==> flow/design.v <==
module alu_scratch_rtl #(
  parameter int WORDS = 40,
  parameter int NBITS = 16,
  parameter int RPORTS = 2,
  parameter int AW = $clog2(WORDS)
) (
  input  logic CLK,
  input  logic rstn,
  input  logic i_wr,
  input  logic [AW-1:0] i_write_addr,
  input  logic [NBITS-1:0] i_wd,
  input  logic [RPORTS*AW-1:0] i_ra,
  output logic [RPORTS*NBITS-1:0] o_q
);
  logic [NBITS-1:0] store [0:WORDS-1];
  always_ff @(posedge CLK) begin
    if (i_wr)
      store[i_write_addr] <= i_wd;
  end
  logic [RPORTS*NBITS-1:0] t;
  generate
    for (genvar j = 0; j < RPORTS; j++) begin : gen
      assign t[j*NBITS +: NBITS] = store[i_ra[j*AW +: AW]];
    end
  endgenerate
  always_ff @(posedge CLK or negedge rstn) begin
    if (~rstn) begin
      o_q <= 0;
    end else begin
      o_q <= t;
    end
  end
endmodule
Reports on alu_scratch_rtl:

Tool output for the design above, in the order of the flow.
Line numbers count from 1 in the design file above.
Operators carry their Yosys type and port widths (W data, S select, Z words).
Cell names lack the library's common part.
The mark - stands for no value.

* design top: alu_scratch_rtl
* clock port: CLK
* library: sky130hd
* library corner: tt_025C_1v80

After elaboration:

Source: Yosys, flattened and elaborated, memories not mapped. Widths are those after wreduce; folded enables and synchronous resets count as part of the registers. Registers that Yosys merges into a memory's read port (data or address) are not register bits. Print and check cells do not count.
Yosys's memory passes give these memory sizes; they may raise the number of words (mostly to a power of two), join words into wider ones and drop unused or constant bits.

* output and inout bits: 32
* memories: 1
* RAM bits: 640
* bits in registers: 0
* clocked read ports x word width: 32
* elaborated cells: 6

* reductions and logical operators: 2
* muxes and demuxes: 3

Memory list
* store: depth 40, width 16, rd ports 2, write ports 1, line 15 `logic [NBITS-1:0] store [0:WORDS-1];`

Operator list (number)
* $mux W16: 1
* $mux W6: 1
* $logic_not A1 Y1: 2
* $mux W1: 1

Longest topological paths:

Longest topological path by Yosys (ltp), each cell counted once; first at word level (registers and memories cut), then after technology mapping (sequential cells cut; the memories' decode and read muxes count).

* depth in word-level cells: 1
* ABC_AREA: 0
* mapped depth: 8

Synthesis result:

Yosys stat after the flow's synthesis: flattened, memories mapped to cells. It holds for the ABC_AREA given above (unset counts as 0); a run with the other value may have another netlist.

Cells by type
* edfxtp_1: number 640, total area 1.92E+04 um^2
* mux2i_1: number 512, total area 5.12E+03 um^2
* mux4_2: number 64, total area 1.44E+03 um^2
* a22oi_1: number 128, total area 960.922 um^2
* dfrtp_1: number 32, total area 800.768 um^2
* a22o_1: number 64, total area 560.538 um^2
* o41ai_2: number 32, total area 520.499 um^2
* a221oi_2: number 34, total area 510.49 um^2
* buf_6: number 43, total area 484.214 um^2
* mux2_2: number 32, total area 360.346 um^2
* a21oi_1: number 64, total area 320.307 um^2
* a221oi_1: number 30, total area 262.752 um^2
* buf_4: number 29, total area 217.709 um^2
* o22ai_1: number 32, total area 200.192 um^2
* nand2_1: number 41, total area 153.898 um^2
* nor2_1: number 40, total area 150.144 um^2
* clkbuf_1: number 39, total area 146.39 um^2
* buf_2: number 24, total area 120.115 um^2

Other cell types: 15; their cells: 53.

* mapped area: 31848.0 um^2
* sequential part of the area: 20019.2 um^2
* mapped flip-flops: 672
* cells in the netlist: 1933

Path before layout:

Source: OpenSTA report_checks on the synthesized netlist (no wires, ideal clock, input and output delay 20% of the period each), path of least setup slack; recovery checks are left aside. Register names are those of the netlist, which keeps one name where synthesis merged equal registers.

* path kind: input -> register
* start: input port i_wr
* end: memory store[0][0]
* input delay: 0.640 ns
* required time: 2.791 ns
* launch time at the first pin: 0.640 ns
* period: 3.2 ns
* driving pins on the path: 5
* path slack: 0.515 ns
* arrival time: 2.276 ns
* buffers on the path: 1
* path delay: 2.045 ns
* synthesis period reached: 2.685 ns

"path delay" is the arrival time less input delay plus setup time.
"driving pins on the path": output pins that drive a net of the path, with the launching flip-flop's if there is one; two outputs of one cell count as two.
"synthesis period reached" is the clock period less the worst setup slack; recovery checks do not enter. This is arithmetic on one report: input and output delays are still those of the set period (20% each).
Between the ends stands the longest chain of elaborated cells between them, by number of cells; it is not shown to be the way that was timed. Of several equally long chains one is given.
A line is the first line of the expression or statement that the cell stems from. Yosys adds cells for indexed reads and writes and turns some case tables into memories.
Only ways into the end's enable, where the timed path ends, are counted here.

* cells stage by stage: clkbuf_1 > nand2_1 > nor2_1 > nand2b_1 > nor3_1
* length of the longest elaborated chain: 1

Ends and longest elaborated chain, after synthesis
* start: declaration: line 9 `input  logic i_wr,`
* $mux W6: line 17 `if (i_wr)`
* end: declaration: line 15 `logic [NBITS-1:0] store [0:WORDS-1];`

Path in the finished layout:

Path of least setup slack in the final report of job 1 (OpenROAD, finished layout, wires in). Where an end is a register, its clock arrival counts in the times.

* path kind: input -> register
* start: input port i_ra[8]
* end: register o_q[27]
* required time: 3.65 ns
* launch time at the first pin: 0.64 ns
* arrival time: 3.48 ns
* input delay: 0.64 ns
* buffers on the path: 2
* path slack: 0.17 ns
* period: 3.2 ns
* driving pins on the path: 7

* cells stage by stage: clkdlybuf4s50_1 > and2_4 > buf_4 > a22o_1 > a221oi_2 > o22ai_1 > o41ai_2

Ends and longest elaborated chain, post-layout
* start: declaration: line 12 `input  logic [RPORTS*AW-1:0] i_ra,`
* end: declaration: line 13 `output logic [RPORTS*NBITS-1:0] o_q`

Chain of elaborated cells between the ends: none given.

Subject: flow runs of alu_scratch_rtl

Hi,

Measured results for alu_scratch_rtl: 2 stored runs of the Yosys and OpenROAD flow on sky130hd. The settings differ; the order carries no meaning. The constraints put input and output delay at 20% of the set period each and load the outputs with 0.01 pF.
"reached clock period" means the clock period less the worst setup slack. The figure is calculated, with input and output delays left at 20% of the set period.
"allowed time less slack (worst setup path)": the worst setup path's part of the clock period (all of it between registers, 20% less for each end at a port) less its slack. A launch clock that arrives late makes it longer, a capture clock that arrives late makes it shorter.
"overall power": no workload was simulated; the value follows from the tool's default switching activity.

### Job 1

Settings: `period_ns=3.2`, `CAP_MARGIN=20`, `CORE_MARGIN=2`, `CORE_UTILIZATION=40`, `SLEW_MARGIN=20`

- Netlist area reported by Yosys: 31848.0 um^2
- Utilization after routing: 46.9 %
- Total negative setup slack: 0.000 ns
- Reached clock period: 3.026 ns
- Allowed time less slack (worst setup path): 2.39 ns
- Kind of the worst setup path: input -> register
- Overall power: 19.823 mW
- Setup slack of the worst path: 0.174 ns
- Area of the die: 81893.3 um^2
- Standard-cell area after routing: 37026.8 um^2

### Job 2

Settings: `period_ns=2.89`, `CORE_UTILIZATION=54`, `SETUP_SLACK_MARGIN=-0.22`, `PLACE_DENSITY=0.89`, `CELL_PAD_IN_SITES_GLOBAL_PLACEMENT=3`, `CELL_PAD_IN_SITES_DETAIL_PLACEMENT=1`, `CAP_MARGIN=35`, `CORE_MARGIN=2`, `SLEW_MARGIN=20`

- Setup slack of the worst path: -0.022 ns
- Netlist area reported by Yosys: 31848.0 um^2
- Reached clock period: 2.912 ns
- Area of the die: 60937.4 um^2
- Total negative setup slack: -0.022 ns
- Allowed time less slack (worst setup path): 2.33 ns
- Kind of the worst setup path: input -> register
- Standard-cell area after routing: 37460.9 um^2
- Overall power: 22.075 mW
- Utilization after routing: 63.8 %

Regards
